==> flow/design.v <==
module u_subtractor_blk #(
  parameter W = 128
) (
  input  logic ck,
  input  logic [W-1:0] arg0,
  input  logic [W-1:0] arg1,
  input  logic mode,
  output logic [W:0] q
);
  always_ff @(posedge ck) begin
    q <= mode ? arg0 - arg1 : arg0 + arg1;
  end
endmodule
Reports on u_subtractor_blk
What the tools print for u_subtractor_blk, step after step. Line numbers count from 1 in the design file above. The mark - stands for no value.

Design top: u_subtractor_blk. Clock input: ck. Library: sky130hd. Corner: tt_025C_1v80.

Word level
Source: Yosys, flattened and elaborated, memories not mapped. Widths are those after wreduce; folded enables and synchronous resets count as part of the registers. Registers that Yosys merges into a memory's read port (data or address) are not register bits. Print and check cells do not count. Equal cells are merged and count once.

The figure for latch bits is 0. The figure for ROM bits is 0. Bits in registers: 129. For word-level cells the number is 4. Under memory cells stands 0. For input port bits the number is 258. Word width x clocked read ports: 0. Under output and inout bits stands 129. For bits in writable memories the number is 0.

For magnitude comparators the number is 0. The figure for shifts and indexed selects is 0. The entry for div/mod/pow operators reads 0. Under equality and inequality tests stands 0. Add/sub/neg operators: 2. For reductions and logical operators the number is 0. The entry for bitwise gates (word level) reads 0. Multiply operators: 0. The entry for mux-type cells reads 1.

Operators with widths (count): adder 128 x 128 -> 129 bit (1); subtractor 128 x 128 -> 129 bit (1); two-way mux 129 bit (1).

Depth
Longest topological path by Yosys (ltp), each cell counted once; first at word level (registers and memories cut), then after technology mapping (sequential cells cut; the memories' decode and read muxes count).

The entry for depth after elaboration reads 2. For ABC_AREA the number is 0. Under mapped depth stands 25. The entry for gate-level depth less buffers reads 24.

Mapped cells and area
Yosys stat after the flow's synthesis: flattened, memories mapped to cells. It holds for the ABC_AREA given above (unset counts as 0); a run with the other value may have another netlist. The area totals of this step are shown rounded.

For cell count the number is 1897. The entry for sequential part of the area reads 2580 µm². The figure for chip area (Yosys) is 13800 µm². The entry for buffers reads 81. Flip-flop cells: 129.

Cells by type: sky130_fd_sc_hd__dfxtp_1 (count 129, area in all 2.58E+03 µm²); sky130_fd_sc_hd__xnor2_1 (count 201, area in all 1.76E+03 µm²); sky130_fd_sc_hd__ha_1 (count 129, area in all 1.61E+03 µm²); sky130_fd_sc_hd__a21oi_1 (count 268, area in all 1.34E+03 µm²); sky130_fd_sc_hd__nor2_1 (count 197, area in all 739.459 µm²); sky130_fd_sc_hd__nand2_1 (count 150, area in all 563.04 µm²); sky130_fd_sc_hd__o21ai_0 (count 109, area in all 545.523 µm²); sky130_fd_sc_hd__xor2_1 (count 49, area in all 429.162 µm²); sky130_fd_sc_hd__a21o_1 (count 54, area in all 405.389 µm²); sky130_fd_sc_hd__nand4_1 (count 63, area in all 394.128 µm²); sky130_fd_sc_hd__nor3_1 (count 58, area in all 290.278 µm²); sky130_fd_sc_hd__clkbuf_1 (count 71, area in all 266.506 µm²); sky130_fd_sc_hd__o21bai_1 (count 34, area in all 255.245 µm²); sky130_fd_sc_hd__a31oi_1 (count 38, area in all 237.728 µm²); sky130_fd_sc_hd__inv_1 (count 59, area in all 221.462 µm²); sky130_fd_sc_hd__or3_1 (count 28, area in all 175.168 µm²); sky130_fd_sc_hd__nor4_1 (count 27, area in all 168.912 µm²); sky130_fd_sc_hd__o21a_1 (count 21, area in all 157.651 µm²).

Other cell types: 60; their cells: 212.

Timing after synthesis
OpenSTA on the mapped netlist: ideal clock, no wires. The path of least setup slack (recovery checks aside). Input and output delay are each 20% of the period. Register names are those of the netlist, which keeps one name where synthesis merged equal registers.

Path type: input to register. Start: input port arg1[18]. End: register q[111]. For arrival the number is 6.530 ns. The figure for period is 7.92 ns. The entry for required time reads 7.796 ns. The entry for setup time reads 0.124 ns. Path buffers: 2. Launch time at the first pin: 1.584 ns. The figure for driving pins on the path is 22. The entry for path delay reads 5.070 ns. The figure for path slack is 1.265 ns. External input delay: 1.584 ns. For synthesis period reached the number is 6.655 ns.

"path delay" = arrival - input delay + setup time. "driving pins on the path" counts driving pins, that of a launching flip-flop among them; a cell with two outputs on the path counts twice. "synthesis period reached" = period - worst setup slack (recovery checks aside). The figure is calculated, with input and output delays left at 20% of the set period. The rows between start and end are the longest chain of elaborated cells between them; the timing report does not say that the signal goes this way. Where chains are equally long, one stands for them. Each line given opens the expression or statement behind the cell; cells for indexed reads and writes are added by Yosys, which also makes memories of some case tables.

Cells stage by stage: sky130_fd_sc_hd__or4_4 sky130_fd_sc_hd__or4_4 sky130_fd_sc_hd__nor4_4 sky130_fd_sc_hd__and4b_1 sky130_fd_sc_hd__and3_4 sky130_fd_sc_hd__and3_4 sky130_fd_sc_hd__and2_4 sky130_fd_sc_hd__buf_6 sky130_fd_sc_hd__a21oi_1 sky130_fd_sc_hd__xnor2_1 sky130_fd_sc_hd__ha_1 sky130_fd_sc_hd__clkbuf_1 sky130_fd_sc_hd__nand2_1 sky130_fd_sc_hd__nor3_1 sky130_fd_sc_hd__nand2_1 sky130_fd_sc_hd__nor4_1 sky130_fd_sc_hd__nand2_1 sky130_fd_sc_hd__o2111a_1 sky130_fd_sc_hd__o21a_1 sky130_fd_sc_hd__o41ai_1 sky130_fd_sc_hd__a21boi_0 sky130_fd_sc_hd__xnor2_1. For cells in the longest elaborated chain the number is 2. For elaborated cells between the ends (all ways) the number is 3. For RTL lines with such cells the number is 1. Classes of those cells: add/sub (2); mux (1).

Ends and longest elaborated chain, post-synthesis: start: declaration (RTL line 6) `input  logic [W-1:0] arg1,`; adder 128 x 128 -> 129 bit (RTL line 11) `q <= mode ? arg0 - arg1 : arg0 + arg1;`; two-way mux 129 bit (RTL line 11); end: assignment (RTL line 11); end: declaration (RTL line 8) `output logic [W:0] q`.

Timing after layout
From the final timing report of run A: the path of least setup slack in the routed layout; clock arrival at registers is part of the times.

Path type: input to register. Start: input port arg1[18]. End: register q[119]. The entry for setup time reads 0.10 ns. Path buffers: 5. Launch time at the first pin: 1.01 ns. External input delay: 1.01 ns. The figure for path slack is -0.75 ns. The figure for period is 5.03 ns. The figure for driving pins on the path is 23. For arrival the number is 6.17 ns. The entry for required time reads 5.42 ns.

The rows between start and end are the longest chain of elaborated cells between them; the timing report does not say that the signal goes this way. Where chains are equally long, one stands for them.

Cells stage by stage: sky130_fd_sc_hd__buf_6 sky130_fd_sc_hd__or4_4 sky130_fd_sc_hd__or4_4 sky130_fd_sc_hd__nor4_4 sky130_fd_sc_hd__buf_4 sky130_fd_sc_hd__buf_12 sky130_fd_sc_hd__and4b_2 sky130_fd_sc_hd__and3_4 sky130_fd_sc_hd__and3_4 sky130_fd_sc_hd__and2_4 sky130_fd_sc_hd__buf_6 sky130_fd_sc_hd__and4_4 sky130_fd_sc_hd__a21oi_2 sky130_fd_sc_hd__xnor2_1 sky130_fd_sc_hd__ha_1 sky130_fd_sc_hd__nand4_1 sky130_fd_sc_hd__or3_4 sky130_fd_sc_hd__or4_4 sky130_fd_sc_hd__o21ai_4 sky130_fd_sc_hd__buf_6 sky130_fd_sc_hd__nand2b_4 sky130_fd_sc_hd__a21oi_2 sky130_fd_sc_hd__xnor2_1. For cells in the longest elaborated chain the number is 2. For elaborated cells between the ends (all ways) the number is 3. For RTL lines with such cells the number is 1. Classes of those cells: add/sub (2); mux (1).

Ends and longest elaborated chain, after layout: start: declaration (RTL line 6) `input  logic [W-1:0] arg1,`; adder 128 x 128 -> 129 bit (RTL line 11) `q <= mode ? arg0 - arg1 : arg0 + arg1;`; two-way mux 129 bit (RTL line 11); end: assignment (RTL line 11); end: declaration (RTL line 8) `output logic [W:0] q`.

Hand-over note for u_subtractor_blk

2 stored runs of u_subtractor_blk in the flow (synthesis by Yosys, layout by OpenROAD, sky130hd cells), in arbitrary order. Constraints: input delay and output delay 20% of the set period each, output load 0.01 pF. By "achieved clock period" is meant the clock period of the run minus its worst setup slack. This is arithmetic on one report: input and output delays are still those of the set period (20% each). The measured numbers are rounded.

Files of run A:
==> flow/run.sh <==
#!/bin/bash
# the make line also repeats the synthesis and layout settings of config.mk as NAME=value (left out here)
make -C /OpenROAD-flow-scripts/flow DESIGN_CONFIG=/design/flow/config.mk WORK_HOME=/design/flow/orfs CLKGATE_MAP_FILE= finish
==> flow/config.mk <==
export PLATFORM = sky130hd
export DESIGN_NAME = u_subtractor_blk
export DESIGN_NICKNAME = u_subtractor_blk
export VERILOG_FILES = /design/flow/design.v
export SDC_FILE = /design/flow/constraint.sdc
export NUM_CORES = 4
export LEC_CHECK = 0
export CAP_MARGIN = 5
export CORE_ASPECT_RATIO = 1.27
export CORE_MARGIN = 4
export CORE_UTILIZATION = 18
export CTS_CLUSTER_DIAMETER = 225
export CTS_CLUSTER_SIZE = 41
export MIN_ROUTING_LAYER = met2
export SLEW_MARGIN = 20
export TNS_END_PERCENT = 85
==> flow/constraint.sdc <==
create_clock -name core_clock -period 5.03 [get_ports {ck}]
set_input_delay 1.0060 -clock core_clock [delete_from_list [all_inputs] [get_ports {ck}]]
set_output_delay 1.0060 -clock core_clock [all_outputs]
set_load 0.01 [all_outputs]

Results of run A. The worst hold slack in the final report reads 1.00 ns. The achieved clock period is 5.781 ns. The measured full die area is 81200 µm². The worst setup slack after layout is -0.751 ns. For the summed negative setup slack the run shows -28.9 ns. The area of the synthesized netlist comes to 13800 µm². For the standard-cell area of the final layout the run shows 28200 µm².

Files of run B:
==> flow/run.sh <==
#!/bin/bash
# the make line also repeats the synthesis and layout settings of config.mk as NAME=value (left out here)
make -C /OpenROAD-flow-scripts/flow DESIGN_CONFIG=/design/flow/config.mk WORK_HOME=/design/flow/orfs CLKGATE_MAP_FILE= finish
==> flow/config.mk <==
export PLATFORM = sky130hd
export DESIGN_NAME = u_subtractor_blk
export DESIGN_NICKNAME = u_subtractor_blk
export VERILOG_FILES = /design/flow/design.v
export SDC_FILE = /design/flow/constraint.sdc
export NUM_CORES = 4
export LEC_CHECK = 0
export CAP_MARGIN = 20
export CORE_MARGIN = 2
export CORE_UTILIZATION = 40
export SLEW_MARGIN = 20
==> flow/constraint.sdc <==
create_clock -name core_clock -period 7.92 [get_ports {ck}]
set_input_delay 1.5840 -clock core_clock [delete_from_list [all_inputs] [get_ports {ck}]]
set_output_delay 1.5840 -clock core_clock [all_outputs]
set_load 0.01 [all_outputs]

Results of run B. The worst hold slack in the final report reads 1.80 ns. The achieved clock period is 7.590 ns. The measured full die area is 36000 µm². The worst setup slack after layout is 0.330 ns. For the summed negative setup slack the run shows 0.000 ns. The area of the synthesized netlist comes to 13800 µm². For the standard-cell area of the final layout the run shows 19100 µm².

End of note.
